==> flow/design.v <==
module mul_n #(
  parameter XLEN = 18,
  parameter KVAL = 365,
  parameter RES_W = XLEN + $clog2(KVAL + 1)
) (
  input wire i_clk,
  input wire aresetn,
  input wire [XLEN-1:0] dataa,
  output wire [RES_W-1:0] res
);
  reg [XLEN-1:0] dataa_q;
  always @(posedge i_clk or negedge aresetn) begin
    if (~aresetn) begin
      dataa_q <= 0;
    end else begin
      dataa_q <= dataa;
    end
  end
  reg [RES_W-1:0] res_q;
  always @(posedge i_clk or negedge aresetn) begin
    if (~aresetn) begin
      res_q <= 0;
    end else begin
      res_q <= dataa_q * KVAL;
    end
  end
  assign res = res_q;
endmodule
Tool chain data of mul_n:

Tool output for the design above, in the order of the flow.
Line numbers count from 1 in the design file above.
Operators: Yosys type, input widths -> output width; for muxes data width and select width s.
Cell names lack the library's common part.
The mark n/a stands for no value.

* top: mul_n
* clock input: i_clk
* library: sky130hd
* corner: tt_025C_1v80

Elaborated design:

Counts by Yosys on the flattened word-level netlist (proc, flatten, opt, wreduce; memories kept). Register bits leave out memories and registers merged into their read ports (data or address); mux counts leave out enables and synchronous resets folded into registers. Print and check cells are left out. Cells with the same type and inputs are merged into one.

* bits in registers: 45
* latch bits: 0
* RAM bits: 0
* ROM bits: 0
* word width x clocked read ports: 0
* memories: 0
* input port bits: 20
* output and inout bits: 27
* cells after elaboration: 3

* $add $sub $neg: 0
* multiply operators: 1
* div/mod/pow operators: 0
* $lt $le $gt $ge: 0
* equal/unequal tests: 0
* shifts and indexed selects: 0
* muxes and demuxes: 0
* bitwise gates (word level): 0
* reductions and logical operators: 0

Operators by type and width (count)
* $mul 18x9->27 const B: 1

Logic depth:

Yosys ltp: most cells in a row. Word level: on the elaborated netlist, between registers, memories and ports. Mapped: between sequential cells and ports; inverters and the memories' decode and read muxes count.

* word-level depth: 1
* ABC_AREA: 0
* gate-level depth with buffers: 17
* gate-level depth less buffers: 15

Synthesis result:

Source: synth_stat.txt of the flow (Yosys; design flattened, memories mapped). It holds for the ABC_AREA given above (unset counts as 0); a run with the other value may have another netlist.

Cells by type
* dfrtp_1: count 45, area in all 1126.08 um^2
* fa_1: count 48, area in all 960.922 um^2
* ha_1: count 66, area in all 825.792 um^2
* inv_1: count 110, area in all 412.896 um^2
* xor2_1: count 20, area in all 175.168 um^2
* xnor2_1: count 18, area in all 157.651 um^2
* a21oi_1: count 21, area in all 105.101 um^2
* a21o_1: count 12, area in all 90.086 um^2
* nand2_1: count 18, area in all 67.565 um^2
* o21ai_0: count 11, area in all 55.053 um^2
* nor2_1: count 12, area in all 45.043 um^2
* a31oi_1: count 5, area in all 31.28 um^2
* nand3_1: count 6, area in all 30.029 um^2
* o21bai_1: count 4, area in all 30.029 um^2
* clkbuf_1: count 7, area in all 26.275 um^2
* nand4_1: count 4, area in all 25.024 um^2
* nor2b_1: count 3, area in all 18.768 um^2
* a21boi_0: count 2, area in all 15.014 um^2

Other cell types: 28; their cells: 32.

* cell count: 444
* mapped area: 4454.3 um^2
* sequential area: 1126.1 um^2
* flip-flop cells: 45
* buffer cells: 7

Path before layout:

Path of least setup slack by OpenSTA after synthesis, without wires, with an ideal clock, recovery checks aside; 20% of the period is set as input and as output delay. Where synthesis merged equal registers, the netlist keeps one of their names.

* path type: reg2reg
* from: register dataa_q[9]
* to: register res_q[23]
* clock period: 5100 ps
* setup time: 127 ps
* time at the first pin: 0 ps
* arrival: 3957 ps
* required time: 4973 ps
* setup slack: 1016 ps
* delay of the path: 4084 ps
* stages on the path: 17
* path buffers: 1
* synthesis period reached: 4084 ps

"delay of the path" is the arrival time less input delay plus setup time.
"stages on the path" counts driving pins, that of a launching flip-flop among them; a cell with two outputs on the path counts twice.
"synthesis period reached" is the clock period less the worst setup slack; recovery checks do not enter. This is arithmetic on one report: input and output delays are still those of the set period (20% each).
The rows between start and end are the longest chain of elaborated cells between them; the timing report does not say that the signal goes this way. Where chains are equally long, one stands for them.
Each line given opens the expression or statement behind the cell; cells for indexed reads and writes are added by Yosys, which also makes memories of some case tables.

* cells stage by stage: dfrtp_1 -> ha_1 -> inv_1 -> fa_1 -> inv_1 -> fa_1 -> inv_1 -> fa_1 -> inv_1 -> ha_1 -> clkbuf_1 -> a21o_1 -> a311o_1 -> a211oi_1 -> a211o_1 -> o21ai_1 -> xor2_1
* length of the longest elaborated chain: 1
* elaborated cells between the ends (all ways): 1
* RTL lines with such cells: 1
* classes of those cells: mul: 1

RTL lines, path after synthesis
* start, declared: RTL line 11 `reg [XLEN-1:0] dataa_q;`
* start, assigned: RTL line 14 `dataa_q <= 0;`
* start, assigned: RTL line 16 `dataa_q <= dataa;`
* $mul 18x9->27: RTL line 24 `res_q <= dataa_q * KVAL;`
* end, assigned: RTL line 22 `res_q <= 0;`
* end, assigned: RTL line 24
* end, declared: RTL line 19 `reg [RES_W-1:0] res_q;`

Timing after layout:

Path of least setup slack in the final report of run 1 (OpenROAD, finished layout, wires in). Where an end is a register, its clock arrival counts in the times.
The path's times are printed in steps of 10 ps; the period is the one set.

* path type: reg2reg
* from: register dataa_q[10]
* to: register res_q[24]
* clock period: 3730 ps
* setup time: 110 ps
* time at the first pin: 290 ps
* arrival: 4340 ps
* required time: 3920 ps
* setup slack: -420 ps
* stages on the path: 17
* path buffers: 1

The rows between start and end are the longest chain of elaborated cells between them; the timing report does not say that the signal goes this way. Where chains are equally long, one stands for them.

* cells stage by stage: dfrtp_1 -> ha_4 -> inv_4 -> fa_1 -> inv_1 -> fa_1 -> inv_2 -> fa_1 -> inv_2 -> ha_4 -> nand2_4 -> o211ai_1 -> nand4_1 -> nand2_2 -> buf_6 -> a41oi_1 -> and4_1
* length of the longest elaborated chain: 1
* elaborated cells between the ends (all ways): 1
* RTL lines with such cells: 1
* classes of those cells: mul: 1

RTL lines, path post-layout
* start, declared: RTL line 11 `reg [XLEN-1:0] dataa_q;`
* start, assigned: RTL line 14 `dataa_q <= 0;`
* start, assigned: RTL line 16 `dataa_q <= dataa;`
* $mul 18x9->27: RTL line 24 `res_q <= dataa_q * KVAL;`
* end, assigned: RTL line 22 `res_q <= 0;`
* end, assigned: RTL line 24
* end, declared: RTL line 19 `reg [RES_W-1:0] res_q;`

==> results <==
Top module mul_n; platform sky130hd; tools Yosys and OpenROAD; 2 stored runs in no particular order. Input and output delays are each 20% of the period that was set; the output load is 0.01 pF.
"clock period reached" = clock period - worst setup slack. The figure is calculated, with input and output delays left at 20% of the set period.
"allowed time less slack (worst setup path)" is the time allowed to the run's worst setup path (the clock period less input and output delay, where it has them) less its slack. Clock arrival times count: a late capture clock shortens it, a late launch clock lengthens it.
"total design power": no workload was simulated; the value follows from the tool's default switching activity.
"allowed time less slack (worst setup path)" is given in steps of 10 ps.

### Run 1

Settings: `period_ns=3.73`, `CORE_UTILIZATION=42`, `SETUP_SLACK_MARGIN=0.53`, `PLACE_DENSITY=0.39`, `CORE_ASPECT_RATIO=1.62`, `CELL_PAD_IN_SITES_GLOBAL_PLACEMENT=3`, `CELL_PAD_IN_SITES_DETAIL_PLACEMENT=1`, `CTS_CLUSTER_DIAMETER=77`, `MAX_ROUTING_LAYER=met4`, `CAP_MARGIN=20`, `CORE_MARGIN=2`, `SLEW_MARGIN=20`

- Worst-case hold slack: 462 ps
- Total design power: 6.835 mW
- Setup total negative slack: -3,133 ps
- Setup slack of the worst path: -421 ps
- Allowed time less slack (worst setup path): 4,150 ps
- Worst path kind: reg2reg
- Die outline area: 11,469.2 um^2
- Clock period reached: 4,151 ps
- Chip area after synthesis (Yosys): 4,454.3 um^2
- Std-cell area (final layout): 6,981.7 um^2

### Run 2

Settings: `period_ns=5.1`, `CAP_MARGIN=20`, `CORE_MARGIN=2`, `CORE_UTILIZATION=40`, `SLEW_MARGIN=20`

- Setup total negative slack: 0 ps
- Std-cell area (final layout): 5,181.2 um^2
- Chip area after synthesis (Yosys): 4,454.3 um^2
- Die outline area: 11,995.7 um^2
- Clock period reached: 4,405 ps
- Setup slack of the worst path: 695 ps
- Allowed time less slack (worst setup path): 4,400 ps
- Worst path kind: reg2reg
- Worst-case hold slack: 498 ps
- Total design power: 2.984 mW
